==> flow/design.v <==
module shft_p #(
    parameter integer XLEN = 10,
    parameter integer LG = $clog2(XLEN)
) (
    input wire ck,
    input wire aresetn,
    input wire [XLEN-1:0] in,
    input wire [LG-1:0] dist_in,
    output reg [XLEN-1:0] data_out
);
    reg [XLEN-1:0] nxt;
    integer n;
    always @(*) begin
        nxt = in;
        for (n = 0; n < LG; n = n + 1)
            if (dist_in[n]) nxt = nxt >> (1 << n);
    end
    always @(posedge ck) begin
        if (!aresetn) begin
            data_out <= 0;
        end else begin
            data_out <= nxt;
        end
    end
endmodule
* From RTL to reports: shft_p *
What the tools print for shft_p, step after step.
Lines are those of the file above, counted from 1.
Operators: Yosys type, input widths -> output width; for muxes data width and select width s.
Library cell names are shortened.
The mark - stands for no value.

inputs
  top module = shft_p
  clock input = ck
  standard-cell library = sky130hd
  corner = tt_025C_1v80

* After elaboration *
Source: Yosys, flattened and elaborated, memories not mapped. Widths are those after wreduce. Registers that Yosys merges into a memory's read port (data or address) are not register bits. Print and check cells do not count. Equal cells are merged and count once.

storage and ports
  flip-flop bits (word level) = 10
  latch bits = 0
  memory bits (writable) = 0
  bits in read-only memories = 0
  clocked read ports x word width = 0
  memories = 0
  input bits = 16
  output and inout port bits = 10
  elaborated cells = 10

operators by class
  add/subtract/negate cells = 0
  $mul = 0
  div/mod/pow operators = 0
  $lt $le $gt $ge = 0
  equality and inequality tests = 0
  shifts and indexed selects = 0
  mux-type cells = 4
  bitwise operators = 1
  reductions and logical operators = 2

operators with widths
  cell             count
  $mux 10          3
  $reduce_or 3->1  1
  $reduce_or 2->1  1
  $mux 2           1
  $not 1->1        1

* Longest topological paths *
Yosys ltp: most cells in a row. Word level: on the elaborated netlist, between registers, memories and ports. Mapped: between sequential cells and ports; inverters and the memories' decode and read muxes count.

depth
  depth after elaboration = 4
  ABC_AREA = 1
  gate-level depth with buffers = 9
  mapped depth without buffers = 7

* Netlist *
Source: synth_stat.txt of the flow (Yosys; design flattened, memories mapped). It holds for the ABC_AREA given above (unset counts as 0); a run with the other value may have another netlist.
Totals and module areas in this step are rounded.

synthesis totals
  standard cells after synthesis = 87
  mapped area = 0.000627 mm^2
  sequential area = 0.0002 mm^2
  mapped flip-flops = 10
  buffers = 4

cells by type
  cell     count  area in all (um^2)
  dfxtp_1  10     200.192
  nand3_1  20     100.096
  nand2_1  22     82.579
  nand3_2  5      50.048
  buf_6    3      33.782
  nand2_2  5      31.28
  inv_1    6      22.522
  nand2_4  2      22.522
  buf_12   1      20.019
  nor2_1   4      15.014
  o21ai_0  3      15.014
  o21ai_1  3      15.014
  o21ai_2  1      8.758
  inv_4    1      6.256
  inv_2    1      3.754

* Path before layout *
OpenSTA on the mapped netlist: ideal clock, no wires. The path of least setup slack (recovery checks aside). Input and output delay are each 20% of the period. Register names are those of the netlist, which keeps one name where synthesis merged equal registers.

timing path after synthesis
  path kind = in2reg
  start = input port dist_in[0]
  end = register data_out[1]
  period = 1840 ps
  external input delay = 368 ps
  setup time = 109 ps
  time at the first pin = 368 ps
  data arrival time = 969 ps
  required time = 1731 ps
  setup slack = 763 ps
  path delay = 710 ps
  stages = 9
  path buffers = 2
  period reached after synthesis = 1077 ps

"path delay" is the arrival time less input delay plus setup time.
"stages" counts driving pins, that of a launching flip-flop among them; a cell with two outputs on the path counts twice.
"period reached after synthesis" = period - worst setup slack (recovery checks aside). The figure is calculated, with input and output delays left at 20% of the set period.
The rows between start and end are the longest chain of elaborated cells between them; the timing report does not say that the signal goes this way. Where chains are equally long, one stands for them.
A line is the first line of the expression or statement that the cell stems from. Yosys adds cells for indexed reads and writes and turns some case tables into memories.

on the way, after synthesis
  path through = buf_6 -> inv_4 -> buf_12 -> nand2_2 -> nand3_2 -> nand3_2 -> nand3_1 -> nand2_1 -> inv_1
  length of the longest elaborated chain = 4
  elaborated cells between the ends (all ways) = 4
  RTL lines with such cells = 1
  classes of those cells = mux (4)

RTL lines, path after synthesis
  what                  line  text
  start: declaration    8     input wire [LG-1:0] dist_in,
  $mux 10 (3 in a row)  16    if (dist_in[n]) nxt = nxt >> (1 << n);
  $mux 2                16
  end: assignment       20    data_out <= 0;
  end: assignment       22    data_out <= nxt;
  end: declaration      9     output reg [XLEN-1:0] data_out

* Timing after layout *
From the final timing report of run A: the path of least setup slack in the routed layout; clock arrival at registers is part of the times.
The report prints the path's times to 10 ps; the period is as set.

timing path after layout
  path kind = in2reg
  start = input port dist_in[3]
  end = register data_out[5]
  period = 1910 ps
  external input delay = 380 ps
  setup time = 130 ps
  time at the first pin = 380 ps
  data arrival time = 1780 ps
  required time = 2060 ps
  setup slack = 280 ps
  stages = 8
  path buffers = 1

The rows between start and end are the longest chain of elaborated cells between them; the timing report does not say that the signal goes this way. Where chains are equally long, one stands for them.

on the way, after layout
  path through = clkdlybuf4s50_1 -> inv_1 -> nand2_1 -> inv_1 -> nand2_1 -> inv_1 -> nand3_1 -> o21ai_0
  length of the longest elaborated chain = 1
  elaborated cells between the ends (all ways) = 1
  RTL lines with such cells = 0
  classes of those cells = reduce/logical (1)

RTL lines, path after layout
  what                line  text
  start: declaration  8     input wire [LG-1:0] dist_in,
  $reduce_or 2->1     -
  end: assignment     20    data_out <= 0;
  end: assignment     22    data_out <= nxt;
  end: declaration    9     output reg [XLEN-1:0] data_out

Lab notebook: shft_p

Flow measurements of shft_p on sky130hd: 3 stored runs with different settings, listed in no order. Input and output delays are each 20% of the period that was set; the output load is 0.01 pF.
By "achieved clock period" is meant the clock period of the run minus its worst setup slack. This is arithmetic on one report: input and output delays are still those of the set period (20% each).
"worst setup path time" = time allowed to the worst setup path (clock period - input delay - output delay, where it has them) - its slack; a late launch clock adds to it, a late capture clock takes from it.
"power" is the tool's figure for a default switching activity; nothing was simulated.
"worst setup path time" is known to 10 ps.
Values from the reports are rounded here.

Run A
==> flow/run.sh <==
#!/bin/bash
# the make line also repeats the synthesis and layout settings of config.mk as NAME=value (left out here)
make -C /OpenROAD-flow-scripts/flow DESIGN_CONFIG=/design/flow/config.mk WORK_HOME=/design/flow/orfs CLKGATE_MAP_FILE= finish
==> flow/config.mk <==
export PLATFORM = sky130hd
export DESIGN_NAME = shft_p
export DESIGN_NICKNAME = shft_p
export VERILOG_FILES = /design/flow/design.v
export SDC_FILE = /design/flow/constraint.sdc
export NUM_CORES = 4
export LEC_CHECK = 0
export ABC_AREA = 1
export CAP_MARGIN = 20
export CORE_ASPECT_RATIO = 1.15
export CORE_MARGIN = 2
export CORE_UTILIZATION = 58
export GPL_ROUTABILITY_DRIVEN = 0
export GPL_TIMING_DRIVEN = 0
export MIN_ROUTING_LAYER = met1
export PLACE_DENSITY = 0.58
export SETUP_SLACK_MARGIN = 0.01
export SLEW_MARGIN = 20
==> flow/constraint.sdc <==
create_clock -name core_clock -period 1.91 [get_ports {ck}]
set_input_delay 0.3820 -clock core_clock [delete_from_list [all_inputs] [get_ports {ck}]]
set_output_delay 0.3820 -clock core_clock [all_outputs]
set_load 0.01 [all_outputs]

==> results of run A <==
chip area after synthesis (Yosys): 0.000627 mm^2
die area: 0.00136 mm^2
utilization: 93.3%
worst setup slack after layout: 280 ps
total negative slack: 0 ps
power: 0.585 mW
achieved clock period: 1630 ps
worst setup path time: 1250 ps
worst setup path kind: in2reg

Run B
==> flow/run.sh <==
#!/bin/bash
# the make line also repeats the synthesis and layout settings of config.mk as NAME=value (left out here)
make -C /OpenROAD-flow-scripts/flow DESIGN_CONFIG=/design/flow/config.mk WORK_HOME=/design/flow/orfs CLKGATE_MAP_FILE= finish
==> flow/config.mk <==
export PLATFORM = sky130hd
export DESIGN_NAME = shft_p
export DESIGN_NICKNAME = shft_p
export VERILOG_FILES = /design/flow/design.v
export SDC_FILE = /design/flow/constraint.sdc
export NUM_CORES = 4
export LEC_CHECK = 0
export CAP_MARGIN = 20
export CORE_MARGIN = 2
export CORE_UTILIZATION = 40
export SLEW_MARGIN = 20
==> flow/constraint.sdc <==
create_clock -name core_clock -period 1.84 [get_ports {ck}]
set_input_delay 0.3680 -clock core_clock [delete_from_list [all_inputs] [get_ports {ck}]]
set_output_delay 0.3680 -clock core_clock [all_outputs]
set_load 0.01 [all_outputs]

==> results of run B <==
chip area after synthesis (Yosys): 0.000631 mm^2
die area: 0.00191 mm^2
utilization: 66.6%
worst setup slack after layout: 173 ps
total negative slack: 0 ps
power: 0.526 mW
achieved clock period: 1667 ps
worst setup path time: 1300 ps
worst setup path kind: in2reg

Run C
==> flow/run.sh <==
#!/bin/bash
# the make line also repeats the synthesis and layout settings of config.mk as NAME=value (left out here)
make -C /OpenROAD-flow-scripts/flow DESIGN_CONFIG=/design/flow/config.mk WORK_HOME=/design/flow/orfs CLKGATE_MAP_FILE= finish
==> flow/config.mk <==
export PLATFORM = sky130hd
export DESIGN_NAME = shft_p
export DESIGN_NICKNAME = shft_p
export VERILOG_FILES = /design/flow/design.v
export SDC_FILE = /design/flow/constraint.sdc
export NUM_CORES = 4
export LEC_CHECK = 0
export ABC_AREA = 0
export CAP_MARGIN = 20
export CELL_PAD_IN_SITES_DETAIL_PLACEMENT = 1
export CORE_MARGIN = 2
export CORE_UTILIZATION = 62
export CTS_CLUSTER_DIAMETER = 31
export CTS_CLUSTER_SIZE = 96
export HOLD_SLACK_MARGIN = 0.24
export MIN_ROUTING_LAYER = met1
export PLACE_DENSITY_LB_ADDON = 0.27
export SLEW_MARGIN = 20
==> flow/constraint.sdc <==
create_clock -name core_clock -period 0.949 [get_ports {ck}]
set_input_delay 0.1898 -clock core_clock [delete_from_list [all_inputs] [get_ports {ck}]]
set_output_delay 0.1898 -clock core_clock [all_outputs]
set_load 0.01 [all_outputs]

==> results of run C <==
did not finish, placement stopped with FLW-0024
